==> flow/design.v <==
module my_data_mux_n #(
    parameter integer DATA_W = 10
) (
    input  wire clock,
    input  wire aresetn,
    input  wire [DATA_W-1:0] bus0_i,
    input  wire [DATA_W-1:0] bus1_i,
    input  wire [DATA_W-1:0] bus2_i,
    input  wire [DATA_W-1:0] bus3_i,
    input  wire [DATA_W-1:0] bus4_i,
    input  wire [DATA_W-1:0] bus5_i,
    input  wire [2:0] pick_i,
    output reg [DATA_W-1:0] data_out_o
);
    reg [DATA_W-1:0] val;
    always @* begin
        case (pick_i)
            3'd0: val = bus0_i;
            3'd1: val = bus1_i;
            3'd2: val = bus2_i;
            3'd3: val = bus3_i;
            3'd4: val = bus4_i;
            default: val = bus5_i;
        endcase
    end
    always @(posedge clock) begin
        if (~aresetn) begin
            data_out_o <= 0;
        end else begin
            data_out_o <= val;
        end
    end
endmodule
# Tool chain data of my_data_mux_n

Tool output for the design above, in the order of the flow.
Lines are those of the file above, counted from 1.
Library cell names are shortened.
The mark - stands for no value.

Top module: my_data_mux_n
Clock input: clock
Library: sky130hd
Library corner: tt_025C_1v80

# After elaboration

Source: Yosys, flattened and elaborated, memories not mapped. Widths are those after wreduce; folded enables and synchronous resets count as part of the registers. Registers that Yosys merges into a memory's read port (data or address) are not register bits. Print and check cells do not count. Equal cells are merged and count once.

Flip-flop bits (word level): 10
Output and inout bits: 10
Cells after elaboration: 7
Input port bits: 65

Muxes and demuxes: 1
Equal/unequal tests: 4
Reduce/logical cells: 1

Operator list:

| kind                                                             | count |
| 10-bit case mux with 5-bit select                                | 1 |
| 3-bit by 2-bit == test with 1-bit output (second input constant) | 2 |
| 3-bit by 1-bit == test with 1-bit output (second input constant) | 1 |
| 3-bit == test (second input constant)                            | 1 |
| 3-bit zero test                                                  | 1 |

# Longest topological paths

Yosys ltp: most cells in a row. Word level: on the elaborated netlist, between registers, memories and ports. Mapped: between sequential cells and ports; inverters and the memories' decode and read muxes count.

Depth in word-level cells: 2
ABC_AREA: 0
Gate-level depth with buffers: 5
Gate-level depth less buffers: 4

# Netlist

The flow's flattened synthesis, as Yosys stat reports it; memories are mapped. The netlist is that of the ABC_AREA named above (0 if unset); the other value can give another one.
Totals and module areas in this step are rounded.

Buffers: 9
Chip area (Yosys): 786 um^2
Mapped flip-flops: 10
Standard cells after synthesis: 99
Area of sequential cells: 200 um^2

Cell types:

| cell      | count | area in all (um^2) |
| dfxtp_1   | 10    | 200.192 |
| a22oi_1   | 7     | 52.55 |
| o211a_1   | 5     | 50.048 |
| nand2_1   | 12    | 45.043 |
| o22a_1    | 5     | 43.792 |
| a21oi_1   | 8     | 40.038 |
| o22ai_1   | 6     | 37.536 |
| o2111ai_1 | 4     | 35.034 |
| mux2_2    | 3     | 33.782 |
| a21o_1    | 4     | 30.029 |
| buf_2     | 6     | 30.029 |
| o21ai_0   | 5     | 25.024 |
| o21ai_1   | 5     | 25.024 |
| o21a_1    | 3     | 22.522 |
| mux2_4    | 1     | 15.014 |
| or2_0     | 2     | 12.512 |
| buf_6     | 1     | 11.261 |
| inv_1     | 3     | 11.261 |

Other cell types: 9; their cells: 9.

# Path before layout

OpenSTA on the mapped netlist: ideal clock, no wires. The path of least setup slack (recovery checks aside). Input and output delay are each 20% of the period. Register names are those of the netlist, which keeps one name where synthesis merged equal registers.

Path type: input to register
From: in pick_i[1]
To: reg data_out_o[1]
Launch time at the first pin: 0.262 ns
Setup time: 0.116 ns
Path delay: 0.839 ns
Path buffers: 1
Stages on the path: 5
Clock period: 1.31 ns
Path slack: 0.209 ns
Input delay: 0.262 ns
Required time: 1.194 ns
Arrival time: 0.985 ns
Period reached after synthesis: 1.101 ns

"path delay" is the arrival time less input delay plus setup time.
"stages on the path": output pins that drive a net of the path, with the launching flip-flop's if there is one; two outputs of one cell count as two.
"period reached after synthesis" = period - worst setup slack (recovery checks aside). The figure is calculated, with input and output delays left at 20% of the set period.
The rows between start and end are the longest chain of elaborated cells between them; the timing report does not say that the signal goes this way. Where chains are equally long, one stands for them.
Each line given opens the expression or statement behind the cell; cells for indexed reads and writes are added by Yosys, which also makes memories of some case tables.

Cell sequence: buf_2 > and2b_2 > a22oi_1 > o2111ai_1 > o211a_1
Cells in the longest elaborated chain: 2
Elaborated cells between the ends (all ways): 6
Source lines of those cells: 1
Those cells by class: eq/ne: 4; mux: 1; reduce/logical: 1

RTL lines, path after synthesis:

| element                           | line | RTL |
| start, declared                   | 12   | `input  wire [2:0] pick_i,` |
| 3-bit == test                     | 17   | `case (pick_i)` |
| 10-bit case mux with 5-bit select | 17   |  |
| end, assigned                     | 28   | `data_out_o <= 0;` |
| end, assigned                     | 30   | `data_out_o <= val;` |
| end, declared                     | 13   | `output reg [DATA_W-1:0] data_out_o` |

# Worst path after layout

From the final timing report of record 2: the path of least setup slack in the routed layout; clock arrival at registers is part of the times.

Path type: input to register
From: in pick_i[0]
To: reg data_out_o[9]
Path buffers: 3
Launch time at the first pin: 0.26 ns
Stages on the path: 7
Clock period: 1.31 ns
Required time: 1.52 ns
Arrival time: 1.44 ns
Input delay: 0.26 ns
Setup time: 0.05 ns
Path slack: 0.09 ns

The rows between start and end are the longest chain of elaborated cells between them; the timing report does not say that the signal goes this way. Where chains are equally long, one stands for them.

Cell sequence: dlygate4sd2_1 > buf_2 > buf_4 > nor3_4 > nand2_1 > o2111ai_1 > o211a_1
Cells in the longest elaborated chain: 2
Elaborated cells between the ends (all ways): 6
Source lines of those cells: 1
Those cells by class: eq/ne: 4; mux: 1; reduce/logical: 1

RTL lines, path after layout:

| element                           | line | RTL |
| start, declared                   | 12   | `input  wire [2:0] pick_i,` |
| 3-bit == test                     | 17   | `case (pick_i)` |
| 10-bit case mux with 5-bit select | 17   |  |
| end, assigned                     | 28   | `data_out_o <= 0;` |
| end, assigned                     | 30   | `data_out_o <= val;` |
| end, declared                     | 13   | `output reg [DATA_W-1:0] data_out_o` |

## Implementation results

Module my_data_mux_n, platform sky130hd: 2 stored runs of the flow (Yosys, OpenROAD) with differing settings, in no particular order. Input and output delays are each 20% of the period that was set; the output load is 0.01 pF.
"period achieved" is the run's clock period less its worst setup slack. It is reckoned from that one timing run; input and output delays stay at 20% of the period that was set.
By "time used up by the worst setup path" is meant the share of the clock period that the worst setup path is allowed (20% is reserved at inputs, 20% at outputs), minus its slack. Clock arrival times at its registers enter into it.
"power": no workload was simulated; the value follows from the tool's default switching activity.
The results are shown rounded.

## Record 1

==> flow/run.sh <==
#!/bin/bash
# the make line also repeats the synthesis and layout settings of config.mk as NAME=value (left out here)
make -C /OpenROAD-flow-scripts/flow DESIGN_CONFIG=/design/flow/config.mk WORK_HOME=/design/flow/orfs CLKGATE_MAP_FILE= finish
==> flow/config.mk <==
export PLATFORM = sky130hd
export DESIGN_NAME = my_data_mux_n
export DESIGN_NICKNAME = my_data_mux_n
export VERILOG_FILES = /design/flow/design.v
export SDC_FILE = /design/flow/constraint.sdc
export NUM_CORES = 4
export LEC_CHECK = 0
export ABC_AREA = 0
export CAP_MARGIN = 40
export CELL_PAD_IN_SITES_DETAIL_PLACEMENT = 2
export CELL_PAD_IN_SITES_GLOBAL_PLACEMENT = 0
export CORE_MARGIN = 2
export CORE_UTILIZATION = 39
export GPL_ROUTABILITY_DRIVEN = 0
export GPL_TIMING_DRIVEN = 1
export MIN_ROUTING_LAYER = met1
export PLACE_DENSITY_LB_ADDON = 0.12
export SLEW_MARGIN = 20
==> flow/constraint.sdc <==
create_clock -name core_clock -period 0.968 [get_ports {clock}]
set_input_delay 0.1936 -clock core_clock [delete_from_list [all_inputs] [get_ports {clock}]]
set_output_delay 0.1936 -clock core_clock [all_outputs]
set_load 0.01 [all_outputs]

Record 1: no final report: placement broke off with DPL-0033

## Record 2

==> flow/run.sh <==
#!/bin/bash
# the make line also repeats the synthesis and layout settings of config.mk as NAME=value (left out here)
make -C /OpenROAD-flow-scripts/flow DESIGN_CONFIG=/design/flow/config.mk WORK_HOME=/design/flow/orfs CLKGATE_MAP_FILE= finish
==> flow/config.mk <==
export PLATFORM = sky130hd
export DESIGN_NAME = my_data_mux_n
export DESIGN_NICKNAME = my_data_mux_n
export VERILOG_FILES = /design/flow/design.v
export SDC_FILE = /design/flow/constraint.sdc
export NUM_CORES = 4
export LEC_CHECK = 0
export CAP_MARGIN = 20
export CORE_MARGIN = 2
export CORE_UTILIZATION = 40
export SLEW_MARGIN = 20
==> flow/constraint.sdc <==
create_clock -name core_clock -period 1.31 [get_ports {clock}]
set_input_delay 0.2620 -clock core_clock [delete_from_list [all_inputs] [get_ports {clock}]]
set_output_delay 0.2620 -clock core_clock [all_outputs]
set_load 0.01 [all_outputs]

| result of record 2 | value |
|---|---|
| smallest setup slack | 0.086 ns |
| standard-cell area after routing | 1,680 um^2 |
| time used up by the worst setup path | 0.96 ns |
| class of the worst setup path | input to register |
| power | 1,100 uW |
| period achieved | 1.224 ns |
| synthesized cell area | 786 um^2 |
| smallest hold slack | 0.628 ns |
| final design utilization | 88.2% |
| setup TNS | 0.000 ns |
| full die area | 2,330 um^2 |
